==> flow/design.v <==
module gen_mul #(
    parameter integer NBITS = 20
) (
    input wire core_clk,
    input wire RSTN,
    input wire [NBITS-1:0] rs1,
    input wire [NBITS-1:0] rs2,
    output wire [2*NBITS-1:0] result
);
    reg [NBITS-1:0] rs1_reg;
    reg [NBITS-1:0] rs2_reg;
    always @(posedge core_clk) begin
        if (~RSTN) begin
            rs1_reg <= 0;
            rs2_reg <= 0;
        end else begin
            rs1_reg <= rs1;
            rs2_reg <= rs2;
        end
    end
    localparam HALF = NBITS / 2;
    wire [NBITS-1:0] ll;
    mul_part #(.N(HALF)) unit (.a(rs1_reg[HALF-1:0]), .b(rs2_reg[HALF-1:0]), .p(ll));
    wire [NBITS-1:0] lh;
    mul_part #(.N(HALF)) u0 (.a(rs1_reg[HALF-1:0]), .b(rs2_reg[NBITS-1:HALF]), .p(lh));
    wire [NBITS-1:0] hl;
    mul_part #(.N(HALF)) u (.a(rs1_reg[NBITS-1:HALF]), .b(rs2_reg[HALF-1:0]), .p(hl));
    wire [NBITS-1:0] hh;
    mul_part #(.N(HALF)) inst (.a(rs1_reg[NBITS-1:HALF]), .b(rs2_reg[NBITS-1:HALF]), .p(hh));
    wire [NBITS:0] part;
    assign part = lh + hl;
    assign result = {hh, ll} + {part, {HALF{1'b0}}};
endmodule
module mul_part #(parameter N = 4) (
    input wire [N-1:0] a,
    input wire [N-1:0] b,
    output wire [2*N-1:0] p
);
    assign p = a * b;
endmodule
* Tool chain data of gen_mul
The steps from the RTL of gen_mul to its reports follow in flow order.
Lines are those of the file above, counted from 1.
Library cell names are shortened.
Not given: -
- Design top :: gen_mul
- Clock input :: core_clk
- Standard-cell library :: sky130hd
- Corner :: tt_025C_1v80

* Word level
Yosys after proc, flatten, opt, wreduce and memory -nomap, before mapping. Enables and synchronous resets that opt folds into registers are not counted as muxes. Memory bits, and registers merged into a memory's read port (data or address), are not among the register bits. Print and check cells are not counted. Equal cells are merged and count once.
- Register bits :: 40
- Bits of input ports :: 42
- Output and inout port bits :: 40
- $add $sub $neg :: 2
- Multipliers :: 4
** Operator list (number)
- 10-bit by 10-bit multiplier with 20-bit output :: 4
- 40-bit by 31-bit adder with 40-bit output :: 1
- 20-bit by 20-bit adder with 21-bit output :: 1

* Depth
Yosys ltp: most cells in a row. Word level: on the elaborated netlist, between registers, memories and ports. Mapped: between sequential cells and ports; inverters and the memories' decode and read muxes count.
- Depth in word-level cells :: 3
- ABC_AREA :: 0
- Gate-level depth with buffers :: 33
- Mapped depth without buffers :: 32

* Synthesis result
The flow's flattened synthesis, as Yosys stat reports it; memories are mapped. The netlist is that of the ABC_AREA named above (0 if unset); the other value can give another one.
The area totals of this step are shown rounded.
- Cells in the netlist :: 1801
- Chip area (Yosys) :: 16000 um^2
- Sequential part of the area :: 800 um^2
- Flip-flop cells :: 40
- Buffers :: 84
** Cell types
- fa_1 :: number 284, total area 5.69E+03 um^2
- ha_1 :: number 232, total area 2.9E+03 um^2
- and2_1 :: number 255, total area 1595.28 um^2
- inv_1 :: number 351, total area 1.32E+03 um^2
- dfxtp_1 :: number 40, total area 800.768 um^2
- nand2_1 :: number 208, total area 780.749 um^2
- xnor2_1 :: number 64, total area 560.538 um^2
- clkbuf_1 :: number 84, total area 315.302 um^2
- a21oi_1 :: number 47, total area 235.226 um^2
- nor2_1 :: number 48, total area 180.173 um^2
- a21o_1 :: number 21, total area 157.651 um^2
- xor2_1 :: number 17, total area 148.893 um^2
- o21ai_0 :: number 26, total area 130.125 um^2
- o21a_1 :: number 14, total area 105.101 um^2
- nand2b_1 :: number 12, total area 75.072 um^2
- o21bai_1 :: number 9, total area 67.565 um^2
- a211oi_1 :: number 7, total area 52.55 um^2
- nor3_1 :: number 10, total area 50.048 um^2
Other cell types: 34; their cells: 72.
By module: a second synthesis without flattening, with its own total; a netlist apart from the flattened one above.
- Cell total of the unflattened synthesis :: 2013
- Area (unflattened synthesis) :: 17000 um^2
Rows give one instance, submodules left out.
** By module
- mul_part #(N=10) :: instances 4, cells 397, area 3300 um^2, seq. area 0.0 um^2
- gen_mul :: instances 1, cells 425, area 3500 um^2, seq. area 800 um^2

* Timing after synthesis
Path of least setup slack by OpenSTA after synthesis, without wires, with an ideal clock, recovery checks aside; 20% of the period is set as input and as output delay. Where synthesis merged equal registers, the netlist keeps one of their names.
- Path kind :: flip-flop to output port
- Start point :: register rs1_reg[5]
- End point :: output port result[35]
- Clock period :: 11.2 ns
- Launch time at the first pin :: 0.000 ns
- Arrival time :: 7.160 ns
- Data required time :: 8.960 ns
- Setup slack :: 1.800 ns
- Delay of the path :: 7.160 ns
- Stages on the path :: 30
- Buffers on the path :: 1
- Synthesis period reached :: 9.4 ns
"delay of the path" = arrival - input delay + setup time.
A path that ends at an output port has no setup time.
"stages on the path": output pins that drive a net of the path, with the launching flip-flop's if there is one; two outputs of one cell count as two.
"synthesis period reached" is the clock period less the worst setup slack; recovery checks do not enter. This is arithmetic on one report: input and output delays are still those of the set period (20% each).
The rows between start and end are the longest chain of elaborated cells between them; the timing report does not say that the signal goes this way. Where chains are equally long, one stands for them.
Each line given opens the expression or statement behind the cell; cells for indexed reads and writes are added by Yosys, which also makes memories of some case tables.
- Cells stage by stage :: dfxtp_1 clkbuf_1 and2_1 fa_1 inv_1 fa_1 fa_1 inv_1 fa_1 fa_1 fa_1 inv_1 fa_1 inv_1 ha_1 a21o_1 nor2_1 a211oi_1 a211o_1 o21ai_0 xnor2_1 ha_1 and3_1 and3_1 a32oi_1 and3_1 o31ai_1 a21o_1 nand4_1 xnor2_1
- Length of the longest elaborated chain :: 3
** RTL lines, path after synthesis
- from (decl) :: line 10 : reg [NBITS-1:0] rs1_reg;
- from (assign) :: line 14 : rs1_reg <= 0;
- from (assign) :: line 17 : rs1_reg <= rs1;
- 10-bit by 10-bit multiplier with 20-bit output :: line 39 : assign p = a * b;
- 20-bit by 20-bit adder with 21-bit output :: line 31 : assign part = lh + hl;
- 40-bit by 31-bit adder with 40-bit output :: line 32 : assign result = {hh, ll} + {part, {HALF{1'b0}}};
- to (decl) :: line 8 : output wire [2*NBITS-1:0] result

* Worst path after layout
Path of least setup slack in the final report of run A (OpenROAD, finished layout, wires in). Where an end is a register, its clock arrival counts in the times.
- Path kind :: flip-flop to output port
- Start point :: register rs1_reg[1]
- End point :: output port result[37]
- Clock period :: 7.45 ns
- Launch time at the first pin :: 0.30 ns
- Arrival time :: 7.98 ns
- Data required time :: 5.96 ns
- Setup slack :: -2.02 ns
- Stages on the path :: 34
- Buffers on the path :: 7
The rows between start and end are the longest chain of elaborated cells between them; the timing report does not say that the signal goes this way. Where chains are equally long, one stands for them.
- Cells stage by stage :: dfxtp_4 buf_8 and2_4 fa_1 ha_4 inv_2 fa_1 inv_1 fa_1 fa_1 fa_1 inv_2 fa_1 inv_2 ha_4 o21a_1 o211ai_1 a21oi_2 o31a_1 buf_4 buf_6 xor2_2 ha_1 buf_6 a221o_1 a32oi_2 and3_4 o31ai_4 a21o_4 buf_6 buf_6 nand3_4 xor2_2 buf_2
- Length of the longest elaborated chain :: 3
** RTL lines, path after layout
- from (decl) :: line 10 : reg [NBITS-1:0] rs1_reg;
- from (assign) :: line 14 : rs1_reg <= 0;
- from (assign) :: line 17 : rs1_reg <= rs1;
- 10-bit by 10-bit multiplier with 20-bit output :: line 39 : assign p = a * b;
- 20-bit by 20-bit adder with 21-bit output :: line 31 : assign part = lh + hl;
- 40-bit by 31-bit adder with 40-bit output :: line 32 : assign result = {hh, ll} + {part, {HALF{1'b0}}};
- to (decl) :: line 8 : output wire [2*NBITS-1:0] result

--- measured runs ---
Flow measurements of gen_mul on sky130hd: 3 stored runs with different settings, listed in no order. Input and output delays are each 20% of the period that was set; the output load is 0.01 pF.
"clock period reached" = clock period - worst setup slack. The figure is calculated, with input and output delays left at 20% of the set period.
"critical path time" = time allowed to the worst setup path (clock period - input delay - output delay, where it has them) - its slack; a late launch clock adds to it, a late capture clock takes from it.
"overall power" is the tool's figure for a default switching activity; nothing was simulated.
Values from the reports are rounded here.

** Run A
- Settings :: period_ns=7.45; CORE_UTILIZATION=24; SETUP_SLACK_MARGIN=0.22; PLACE_DENSITY_LB_ADDON=0.08; HOLD_SLACK_MARGIN=-0.05; CORE_ASPECT_RATIO=0.69; TNS_END_PERCENT=100; ABC_AREA=0; GPL_TIMING_DRIVEN=1; MAX_ROUTING_LAYER=met4; CAP_MARGIN=20; CORE_MARGIN=2; SLEW_MARGIN=20
- Utilization after routing :: 0.33
- Clock period reached :: 9.474 ns
- Smallest hold slack :: 1.8 ns
- Critical path time :: 7.98 ns
- Worst path kind :: flip-flop to output port
- Total negative setup slack :: -40 ns
- Area of the die :: 67000 um^2
- Setup slack of the worst path :: -2.0 ns
- Standard-cell area after routing :: 21000 um^2
- Overall power :: 3.9 mW
- Chip area after synthesis (Yosys) :: 16000 um^2

** Run B
- Settings :: period_ns=11.2; CAP_MARGIN=20; CORE_MARGIN=2; CORE_UTILIZATION=40; SLEW_MARGIN=20
- Utilization after routing :: 0.45
- Clock period reached :: 10.717 ns
- Smallest hold slack :: 2.5 ns
- Critical path time :: 8.48 ns
- Worst path kind :: flip-flop to output port
- Total negative setup slack :: 0.000 ns
- Area of the die :: 41000 um^2
- Setup slack of the worst path :: 0.48 ns
- Standard-cell area after routing :: 17000 um^2
- Overall power :: 1.8 mW
- Chip area after synthesis (Yosys) :: 16000 um^2

** Run C
- Settings :: period_ns=12.8; CORE_UTILIZATION=39; PLACE_DENSITY_LB_ADDON=0.2; CORE_ASPECT_RATIO=1.58; CORE_MARGIN=6; CELL_PAD_IN_SITES_DETAIL_PLACEMENT=1; ABC_AREA=1; GPL_TIMING_DRIVEN=0; GPL_ROUTABILITY_DRIVEN=0; CAP_MARGIN=20; SLEW_MARGIN=20
- Utilization after routing :: 0.43
- Clock period reached :: 11.415 ns
- Smallest hold slack :: 2.6 ns
- Critical path time :: 8.86 ns
- Worst path kind :: flip-flop to output port
- Total negative setup slack :: 0.000 ns
- Area of the die :: 49000 um^2
- Setup slack of the worst path :: 1.4 ns
- Standard-cell area after routing :: 19000 um^2
- Overall power :: 1.8 mW
- Chip area after synthesis (Yosys) :: 17000 um^2
--- end ---
